==> flow/design.v <==
module core_mplex_mod (CLK, rst_i, valid, ch0_in, ch1_in, ch2_in, ch3_in, ch4_in, ch5_in, ch6_in, ch7_in, ch8_in, ch9_in, ch10_in, ch11_in, select_in, out_out);
  parameter integer XLEN = 8;
  input CLK;
  input rst_i;
  input valid;
  input [XLEN-1:0] ch0_in;
  input [XLEN-1:0] ch1_in;
  input [XLEN-1:0] ch2_in;
  input [XLEN-1:0] ch3_in;
  input [XLEN-1:0] ch4_in;
  input [XLEN-1:0] ch5_in;
  input [XLEN-1:0] ch6_in;
  input [XLEN-1:0] ch7_in;
  input [XLEN-1:0] ch8_in;
  input [XLEN-1:0] ch9_in;
  input [XLEN-1:0] ch10_in;
  input [XLEN-1:0] ch11_in;
  input [3:0] select_in;
  output [XLEN-1:0] out_out;
  reg [XLEN-1:0] ch0_q;
  reg [XLEN-1:0] ch1_q;
  reg [XLEN-1:0] ch2_q;
  reg [XLEN-1:0] ch3_q;
  reg [XLEN-1:0] ch4_q;
  reg [XLEN-1:0] ch5_q;
  reg [XLEN-1:0] ch6_q;
  reg [XLEN-1:0] ch7_q;
  reg [XLEN-1:0] ch8_q;
  reg [XLEN-1:0] ch9_q;
  reg [XLEN-1:0] ch10_q;
  reg [XLEN-1:0] ch11_q;
  reg [3:0] select_q;
  reg [XLEN-1:0] t;
  always @* begin
    case (select_q)
      0: t = ch0_q;
      1: t = ch1_q;
      2: t = ch2_q;
      3: t = ch3_q;
      4: t = ch4_q;
      5: t = ch5_q;
      6: t = ch6_q;
      7: t = ch7_q;
      8: t = ch8_q;
      9: t = ch9_q;
      10: t = ch10_q;
      default: t = ch11_q;
    endcase
  end
  assign out_out = t;
  always @(posedge CLK) begin
    if (rst_i) begin
      ch0_q <= 0;
      ch1_q <= 0;
      ch2_q <= 0;
      ch3_q <= 0;
      ch4_q <= 0;
      ch5_q <= 0;
      ch6_q <= 0;
      ch7_q <= 0;
      ch8_q <= 0;
      ch9_q <= 0;
      ch10_q <= 0;
      ch11_q <= 0;
      select_q <= 0;
    end else if (valid) begin
      ch0_q <= ch0_in;
      ch1_q <= ch1_in;
      ch2_q <= ch2_in;
      ch3_q <= ch3_in;
      ch4_q <= ch4_in;
      ch5_q <= ch5_in;
      ch6_q <= ch6_in;
      ch7_q <= ch7_in;
      ch8_q <= ch8_in;
      ch9_q <= ch9_in;
      ch10_q <= ch10_in;
      ch11_q <= ch11_in;
      select_q <= select_in;
    end
  end
endmodule
* Step by step through the tools: core_mplex_mod
The steps from the RTL of core_mplex_mod to its reports follow in flow order. Line numbers count from 1 in the design file above. Operators: Yosys type, input widths -> output width; for muxes data width and select width s. Library cell names are shortened. The mark n/a stands for no value.
Set-up: top module core_mplex_mod, clock port CLK, standard-cell library sky130hd, corner tt_025C_1v80

* Word-level counts
Counts by Yosys on the flattened word-level netlist (proc, flatten, opt, wreduce; memories kept). Register bits leave out memories and registers merged into their read ports (data or address); mux counts leave out enables and synchronous resets folded into registers. Print and check cells are left out. Cells with the same type and inputs are merged into one.
Word-level totals: output and inout bits 8, word-level cells 25, input port bits 103, memories 0, clocked read ports x word width 0, ROM bits 0, bits in registers 100, bits in writable memories 0, latch bits 0
Operators by class: eq/ne operators 10, bitwise operators 0, $mul 0, shift-type cells 0, div/mod/pow operators 0, reductions and logical operators 1, mux-type cells 1, order comparisons 0, $add $sub $neg 0
Operators with widths (count):
- $pmux 8 s11 | 1
- $eq 4x3->1 const B | 4
- $eq 4x4->1 const B | 3
- $eq 4x2->1 const B | 2
- $eq 4x1->1 const B | 1
- $logic_not 4->1 | 1

* Longest topological paths
Longest topological path by Yosys (ltp), each cell counted once; first at word level (registers and memories cut), then after technology mapping (sequential cells cut; the memories' decode and read muxes count).
Logic depth: depth after elaboration 2, ABC_AREA 0, depth in mapped cells 6, depth with buffers taken out 4

* Mapped cells and area
The flow's flattened synthesis, as Yosys stat reports it; memories are mapped. The netlist is that of the ABC_AREA named above (0 if unset); the other value can give another one.
Cells by type:
- dfxtp_1 | count 100, total area 2001.92 µm²
- mux2i_1 | count 104, total area 1.04E+03 µm²
- nor2_1 | count 111, total area 416.65 µm²
- buf_2 | count 17, total area 85.082 µm²
- a22o_1 | count 6, total area 52.55 µm²
- a22oi_1 | count 7, total area 52.55 µm²
- a21oi_1 | count 9, total area 45.043 µm²
- buf_6 | count 4, total area 45.043 µm²
- clkbuf_1 | count 12, total area 45.043 µm²
- mux2_2 | count 4, total area 45.043 µm²
- mux4_2 | count 2, total area 45.043 µm²
- a32oi_1 | count 5, total area 43.792 µm²
- a31oi_1 | count 6, total area 37.536 µm²
- nand2_1 | count 10, total area 37.536 µm²
- nor2b_1 | count 6, total area 37.536 µm²
- a221oi_2 | count 2, total area 30.029 µm²
- nand3b_1 | count 4, total area 30.029 µm²
- o21ai_0 | count 6, total area 30.029 µm²
Not listed: further types 30, cells in them 43.
Mapped netlist: cells in the netlist 458, sequential area 2001.9 µm², buffer cells 35, synthesis area 4451.8 µm², flip-flop cells 100

* Timing after synthesis
Source: OpenSTA report_checks on the synthesized netlist (no wires, ideal clock, input and output delay 20% of the period each), path of least setup slack; recovery checks are left aside. Register names are those of the netlist, which keeps one name where synthesis merged equal registers.
Path post-synthesis: path type register to output, from reg select_q[2], to out out_out[5], period 2060 ps, data required time 1648 ps, external output delay 412 ps, arrival time 1317 ps, delay of the path 1317 ps, stages 6, launch time at the first pin 0 ps, buffers on the path 1, setup slack 331 ps, synthesis period reached 1729 ps
"delay of the path" is the arrival time less input delay plus setup time. At an output port there is no setup time. "stages": output pins that drive a net of the path, with the launching flip-flop's if there is one; two outputs of one cell count as two. "synthesis period reached" = period - worst setup slack (recovery checks aside). The figure is calculated, with input and output delays left at 20% of the set period. Between the ends stands the longest chain of elaborated cells between them, by number of cells; it is not shown to be the way that was timed. Of several equally long chains one is given. Each line given opens the expression or statement behind the cell; cells for indexed reads and writes are added by Yosys, which also makes memories of some case tables.
Between the ends, post-synthesis: path through dfxtp_1 -> buf_6 -> or3b_1 -> a221oi_2 -> a21oi_1 -> a21oi_1, length of the longest elaborated chain 2, elaborated cells on any way between the ends 12, RTL lines with such cells 1, those cells by class eq/ne: 10; mux: 1; reduce/logical: 1
Ends and longest elaborated chain, post-synthesis:
- start: declaration | RTL line 32 | reg [3:0] select_q;
- start: assignment | RTL line 65 | select_q <= 0;
- start: assignment | RTL line 79 | select_q <= select_in;
- $eq 4x4->1 | RTL line 35 | case (select_q)
- $pmux 8 s11 | RTL line 35
- end: declaration | RTL line 19 | output [XLEN-1:0] out_out;

* Path in the finished layout
From the final timing report of run 1: the path of least setup slack in the routed layout; clock arrival at registers is part of the times. The path's times are printed in steps of 10 ps; the period is the one set.
Path after layout: path type register to output, from reg select_q[3], to out out_out[1], stages 8, launch time at the first pin 370 ps, data required time 1260 ps, buffers on the path 3, setup slack -900 ps, period 1570 ps, arrival time 2150 ps, external output delay 310 ps
Between the ends stands the longest chain of elaborated cells between them, by number of cells; it is not shown to be the way that was timed. Of several equally long chains one is given.
Between the ends, after layout: path through dfxtp_4 -> buf_6 -> buf_4 -> nand4b_1 -> o211ai_1 -> a32oi_1 -> a31oi_2 -> clkdlybuf4s15_2, length of the longest elaborated chain 2, elaborated cells on any way between the ends 12, RTL lines with such cells 1, those cells by class eq/ne: 10; mux: 1; reduce/logical: 1
Ends and longest elaborated chain, after layout:
- start: declaration | RTL line 32 | reg [3:0] select_q;
- start: assignment | RTL line 65 | select_q <= 0;
- start: assignment | RTL line 79 | select_q <= select_in;
- $eq 4x4->1 | RTL line 35 | case (select_q)
- $pmux 8 s11 | RTL line 35
- end: declaration | RTL line 19 | output [XLEN-1:0] out_out;

==> runs of core_mplex_mod <==
Flow measurements of core_mplex_mod on sky130hd: 3 stored runs with different settings, listed in no order. Input and output delays are each 20% of the period that was set; the output load is 0.01 pF.
"critical setup path time" is the time allowed to the run's worst setup path (the clock period less input and output delay, where it has them) less its slack. Clock arrival times count: a late capture clock shortens it, a late launch clock lengthens it.
"critical setup path time" is given in steps of 10 ps.

* Run 1 | settings: period_ns 1.57; CORE_UTILIZATION 36; SETUP_SLACK_MARGIN 0.16; HOLD_SLACK_MARGIN 0.25; CORE_ASPECT_RATIO 1.0; CELL_PAD_IN_SITES_DETAIL_PLACEMENT 2; TNS_END_PERCENT 100; GPL_TIMING_DRIVEN 1; CTS_CLUSTER_SIZE 76; CTS_CLUSTER_DIAMETER 287; SLEW_MARGIN 35; MIN_ROUTING_LAYER met1; CAP_MARGIN 20; CORE_MARGIN 2 | results: standard-cell area after layout 6999.2 µm²; worst hold slack in the final report 423 ps; worst setup slack after layout -895 ps; critical setup path time 2150 ps; worst setup path type register to output; chip area in the Yosys report 4451.8 µm²; die outline area 13271.0 µm²
* Run 2 | settings: period_ns 2.06; CAP_MARGIN 20; CORE_MARGIN 2; CORE_UTILIZATION 40; SLEW_MARGIN 20 | results: worst setup slack after layout -325 ps; standard-cell area after layout 6600.1 µm²; worst hold slack in the final report 506 ps; critical setup path time 1970 ps; worst setup path type register to output; die outline area 11989.2 µm²; chip area in the Yosys report 4451.8 µm²
* Run 3 | settings: period_ns 2.88; CORE_UTILIZATION 47; PLACE_DENSITY_LB_ADDON 0.21; ABC_AREA 1; CTS_CLUSTER_SIZE 25; SLEW_MARGIN 20; MIN_ROUTING_LAYER met1; CAP_MARGIN 20; CORE_MARGIN 2 | results: worst setup slack after layout 100 ps; die outline area 9917.2 µm²; chip area in the Yosys report 4294.1 µm²; worst hold slack in the final report 465 ps; standard-cell area after layout 5744.3 µm²; critical setup path time 2200 ps; worst setup path type register to output
